==> flow/design.v <==
module alu_relation #(
  parameter DWIDTH = 16
) (
  input  wire clk,
  input  wire i_rst_n,
  input  wire [DWIDTH-1:0] op_a_in,
  input  wire [DWIDTH-1:0] op_b_in,
  input  wire [DWIDTH-1:0] op_c_in,
  output reg [DWIDTH-1:0] result_out
);
  reg [DWIDTH-1:0] op_a_reg;
  reg [DWIDTH-1:0] op_b_reg;
  reg [DWIDTH-1:0] op_c_reg;
  always @(posedge clk or negedge i_rst_n) begin
    if (!i_rst_n) begin
      op_a_reg <= 0;
      op_b_reg <= 0;
      op_c_reg <= 0;
      result_out <= 0;
    end else begin
      op_a_reg <= op_a_in;
      op_b_reg <= op_b_in;
      op_c_reg <= op_c_in;
      result_out <= (op_a_reg < op_b_reg) ? op_b_reg : (op_a_reg > op_c_reg) ? op_c_reg : op_a_reg;
    end
  end
endmodule
-- From RTL to reports: alu_relation
Tool output for the design above, in the order of the flow.
Lines are those of the file above, counted from 1.
Operators carry their Yosys type and port widths (W data, S select, Z words).
Cell names lack the library's common part.
A cell with - has no value.
- top: alu_relation
- clock: clk
- cell library: sky130hd
- library corner: tt_025C_1v80

-- After elaboration
Yosys after proc, flatten, opt, wreduce and memory -nomap, before mapping. Enables and synchronous resets that opt folds into registers are not counted as muxes. Memory bits, and registers merged into a memory's read port (data or address), are not among the register bits. Print and check cells are not counted. Equal cells are merged and count once.
- mux-type cells at 2
- order comparisons: 2
- operators by type and width (kind ; count):
    $mux W16 ; 2
    $gt A16 B16 Y1 ; 1
    $lt A16 B16 Y1 ; 1
- output and inout bits at 16
- noted word-level cells: 8
- register bits at 64
- input bits at 50

-- Logic depth
Depth = most cells in a row (Yosys ltp): at word level without a register or memory, in the mapped netlist without a sequential cell, where the memories' decode and read muxes count.
- word-level depth at 3
- noted ABC_AREA: 0
- gate-level depth with buffers: 9
- mapped depth without buffers at 8

-- Synthesis result
The flow's flattened synthesis, as Yosys stat reports it; memories are mapped. The netlist is that of the ABC_AREA named above (0 if unset); the other value can give another one.
- noted mapped cells: 209
- noted flip-flop cells: 64
- noted chip area (Yosys): 2730.1 um^2
- sequential part of the area at 1601.5 um^2
- buffer cells: 2
- cells by type (type ; count ; area in all (um^2)):
    dfrtp_1 ; 64 ; 1.6E+03
    ha_1 ; 31 ; 387.872
    mux2i_1 ; 32 ; 320.307
    inv_1 ; 32 ; 120.115
    a21oi_1 ; 13 ; 65.062
    nand2_1 ; 7 ; 26.275
    nand3_1 ; 5 ; 25.024
    nand4_1 ; 4 ; 25.024
    o31ai_4 ; 1 ; 21.27
    o21ai_0 ; 4 ; 20.019
    a21o_1 ; 2 ; 15.014
    buf_8 ; 1 ; 15.014
    nor4_1 ; 2 ; 12.512
    a21boi_2 ; 1 ; 11.261
    nor2_1 ; 3 ; 11.261
    a221o_1 ; 1 ; 10.01
    and4_2 ; 1 ; 10.01
    a21oi_2 ; 1 ; 8.758
Other cell types: 4; their cells: 4.

-- Timing after synthesis
OpenSTA on the mapped netlist: ideal clock, no wires. The path of least setup slack (recovery checks aside). Input and output delay are each 20% of the period. Register names are those of the netlist, which keeps one name where synthesis merged equal registers.
- path type: reg2reg
- start: register op_a_reg[7]
- end: register result_out[10]
- data arrival time at 2.101 ns
- data required time: 2.659 ns
- driving pins on the path at 9
- slack at 0.558 ns
- noted path buffers: 1
- library setup time: 0.131 ns
- noted time at the first pin: 0.000 ns
- path delay: 2.232 ns
- period: 2.79 ns
- period reached after synthesis at 2.232 ns
"path delay" is the arrival time less input delay plus setup time.
"driving pins on the path" counts driving pins, that of a launching flip-flop among them; a cell with two outputs on the path counts twice.
"period reached after synthesis" = period - worst setup slack (recovery checks aside). The figure is calculated, with input and output delays left at 20% of the set period.
Between the ends stands the longest chain of elaborated cells between them, by number of cells; it is not shown to be the way that was timed. Of several equally long chains one is given.
A line is the first line of the expression or statement that the cell stems from. Yosys adds cells for indexed reads and writes and turns some case tables into memories.
- path through: dfrtp_1 -> ha_1 -> a21oi_2 -> o21ai_1 -> a221o_1 -> o31ai_4 -> buf_8 -> mux2i_1 -> mux2i_1
- cells in the longest elaborated chain at 3
- elaborated cells between the ends (all ways) at 4
- source lines of those cells at 1
- classes of those cells: compare (2); mux (2)
- RTL lines, path after synthesis (item ; RTL line ; text):
    start: declaration ; 11 ; reg [DWIDTH-1:0] op_a_reg;
    start: assignment ; 16 ; op_a_reg <= 0;
    start: assignment ; 21 ; op_a_reg <= op_a_in;
    $gt A16 B16 Y1 ; 24 ; result_out <= (op_a_reg < op_b_reg) ? op_b_reg : (op_a_reg > op_c_reg) ? op_c_reg : op_a_reg;
    $mux W16 (2 in a row) ; 24 ;
    end: assignment ; 19 ; result_out <= 0;
    end: assignment ; 24 ;
    end: declaration ; 9 ; output reg [DWIDTH-1:0] result_out

-- Path in the finished layout
From the final timing report of run B: the path of least setup slack in the routed layout; clock arrival at registers is part of the times.
- path type: reg2reg
- start: register op_a_reg[14]
- end: register result_out[5]
- data arrival time at 2.45 ns
- data required time: 3.00 ns
- library setup time: 0.13 ns
- driving pins on the path at 9
- slack at 0.55 ns
- noted time at the first pin: 0.34 ns
- noted path buffers: 1
- period: 2.79 ns
Between the ends stands the longest chain of elaborated cells between them, by number of cells; it is not shown to be the way that was timed. Of several equally long chains one is given.
- path through: dfrtp_1 -> ha_1 -> nand4_1 -> nor4_1 -> a21boi_2 -> o31ai_4 -> buf_4 -> mux2i_1 -> mux2i_1
- cells in the longest elaborated chain at 3
- elaborated cells between the ends (all ways) at 4
- source lines of those cells at 1
- classes of those cells: compare (2); mux (2)
- RTL lines, path post-layout (item ; RTL line ; text):
    start: declaration ; 11 ; reg [DWIDTH-1:0] op_a_reg;
    start: assignment ; 16 ; op_a_reg <= 0;
    start: assignment ; 21 ; op_a_reg <= op_a_in;
    $gt A16 B16 Y1 ; 24 ; result_out <= (op_a_reg < op_b_reg) ? op_b_reg : (op_a_reg > op_c_reg) ? op_c_reg : op_a_reg;
    $mux W16 (2 in a row) ; 24 ;
    end: assignment ; 19 ; result_out <= 0;
    end: assignment ; 24 ;
    end: declaration ; 9 ; output reg [DWIDTH-1:0] result_out

Appendix: measured runs

Below are 3 stored runs of the flow (Yosys, OpenROAD; platform sky130hd) on alu_relation, each with its settings and what was measured, unordered. Constraints: input delay and output delay 20% of the set period each, output load 0.01 pF.
"reached clock period" means the clock period less the worst setup slack. The figure is calculated, with input and output delays left at 20% of the set period.
"time on the worst setup path" = time allowed to the worst setup path (clock period - input delay - output delay, where it has them) - its slack; a late launch clock adds to it, a late capture clock takes from it.
By "total power after layout" is meant OpenSTA's value without simulated activity: inputs other than the clock are taken to toggle once in ten clock periods, and the tool carries that through the logic.

Run A

==> flow/run.sh <==
#!/bin/bash
# the make line also repeats the synthesis and layout settings of config.mk as NAME=value (left out here)
make -C /OpenROAD-flow-scripts/flow DESIGN_CONFIG=/design/flow/config.mk WORK_HOME=/design/flow/orfs CLKGATE_MAP_FILE= finish
==> flow/config.mk <==
export PLATFORM = sky130hd
export DESIGN_NAME = alu_relation
export DESIGN_NICKNAME = alu_relation
export VERILOG_FILES = /design/flow/design.v
export SDC_FILE = /design/flow/constraint.sdc
export NUM_CORES = 4
export LEC_CHECK = 0
export ABC_AREA = 1
export CAP_MARGIN = 20
export CELL_PAD_IN_SITES_DETAIL_PLACEMENT = 1
export CORE_MARGIN = 2
export CORE_UTILIZATION = 70
export MAX_ROUTING_LAYER = met5
export SETUP_SLACK_MARGIN = 0.09
export SLEW_MARGIN = 20
export TNS_END_PERCENT = 25
==> flow/constraint.sdc <==
create_clock -name core_clock -period 1.43 [get_ports {clk}]
set_input_delay 0.2860 -clock core_clock [delete_from_list [all_inputs] [get_ports {clk}]]
set_output_delay 0.2860 -clock core_clock [all_outputs]
set_load 0.01 [all_outputs]

Run A: stopped before the end: placement reported DPL-0033.

Run B

==> flow/run.sh <==
#!/bin/bash
# the make line also repeats the synthesis and layout settings of config.mk as NAME=value (left out here)
make -C /OpenROAD-flow-scripts/flow DESIGN_CONFIG=/design/flow/config.mk WORK_HOME=/design/flow/orfs CLKGATE_MAP_FILE= finish
==> flow/config.mk <==
export PLATFORM = sky130hd
export DESIGN_NAME = alu_relation
export DESIGN_NICKNAME = alu_relation
export VERILOG_FILES = /design/flow/design.v
export SDC_FILE = /design/flow/constraint.sdc
export NUM_CORES = 4
export LEC_CHECK = 0
export CAP_MARGIN = 20
export CORE_MARGIN = 2
export CORE_UTILIZATION = 40
export SLEW_MARGIN = 20
==> flow/constraint.sdc <==
create_clock -name core_clock -period 2.79 [get_ports {clk}]
set_input_delay 0.5580 -clock core_clock [delete_from_list [all_inputs] [get_ports {clk}]]
set_output_delay 0.5580 -clock core_clock [all_outputs]
set_load 0.01 [all_outputs]

Measured in run B:
- post-synthesis cell area at 2,730.1 um^2
- area inside the die boundary at 7,502.2 um^2
- noted the standard-cell area after routing: 3,692.3 um^2
- noted the utilization after routing: 55.3 %
- noted the setup slack of the worst path: 0.552 ns
- total negative slack on setup checks at 0.000 ns
- noted the total power after layout: 2.070 mW
- reached clock period at 2.238 ns
- time on the worst setup path: 2.24 ns
- critical path kind: reg2reg

Run C

==> flow/run.sh <==
#!/bin/bash
# the make line also repeats the synthesis and layout settings of config.mk as NAME=value (left out here)
make -C /OpenROAD-flow-scripts/flow DESIGN_CONFIG=/design/flow/config.mk WORK_HOME=/design/flow/orfs CLKGATE_MAP_FILE= finish
==> flow/config.mk <==
export PLATFORM = sky130hd
export DESIGN_NAME = alu_relation
export DESIGN_NICKNAME = alu_relation
export VERILOG_FILES = /design/flow/design.v
export SDC_FILE = /design/flow/constraint.sdc
export NUM_CORES = 4
export LEC_CHECK = 0
export ABC_AREA = 1
export CAP_MARGIN = 20
export CELL_PAD_IN_SITES_DETAIL_PLACEMENT = 0
export CELL_PAD_IN_SITES_GLOBAL_PLACEMENT = 1
export CORE_ASPECT_RATIO = 0.78
export CORE_MARGIN = 2
export CORE_UTILIZATION = 63
export GPL_ROUTABILITY_DRIVEN = 0
export GPL_TIMING_DRIVEN = 1
export PLACE_DENSITY_LB_ADDON = 0.17
export SETUP_SLACK_MARGIN = 0.32
export SLEW_MARGIN = 15
==> flow/constraint.sdc <==
create_clock -name core_clock -period 3.36 [get_ports {clk}]
set_input_delay 0.6720 -clock core_clock [delete_from_list [all_inputs] [get_ports {clk}]]
set_output_delay 0.6720 -clock core_clock [all_outputs]
set_load 0.01 [all_outputs]

Run C: stopped before the end: placement reported FLW-0024.
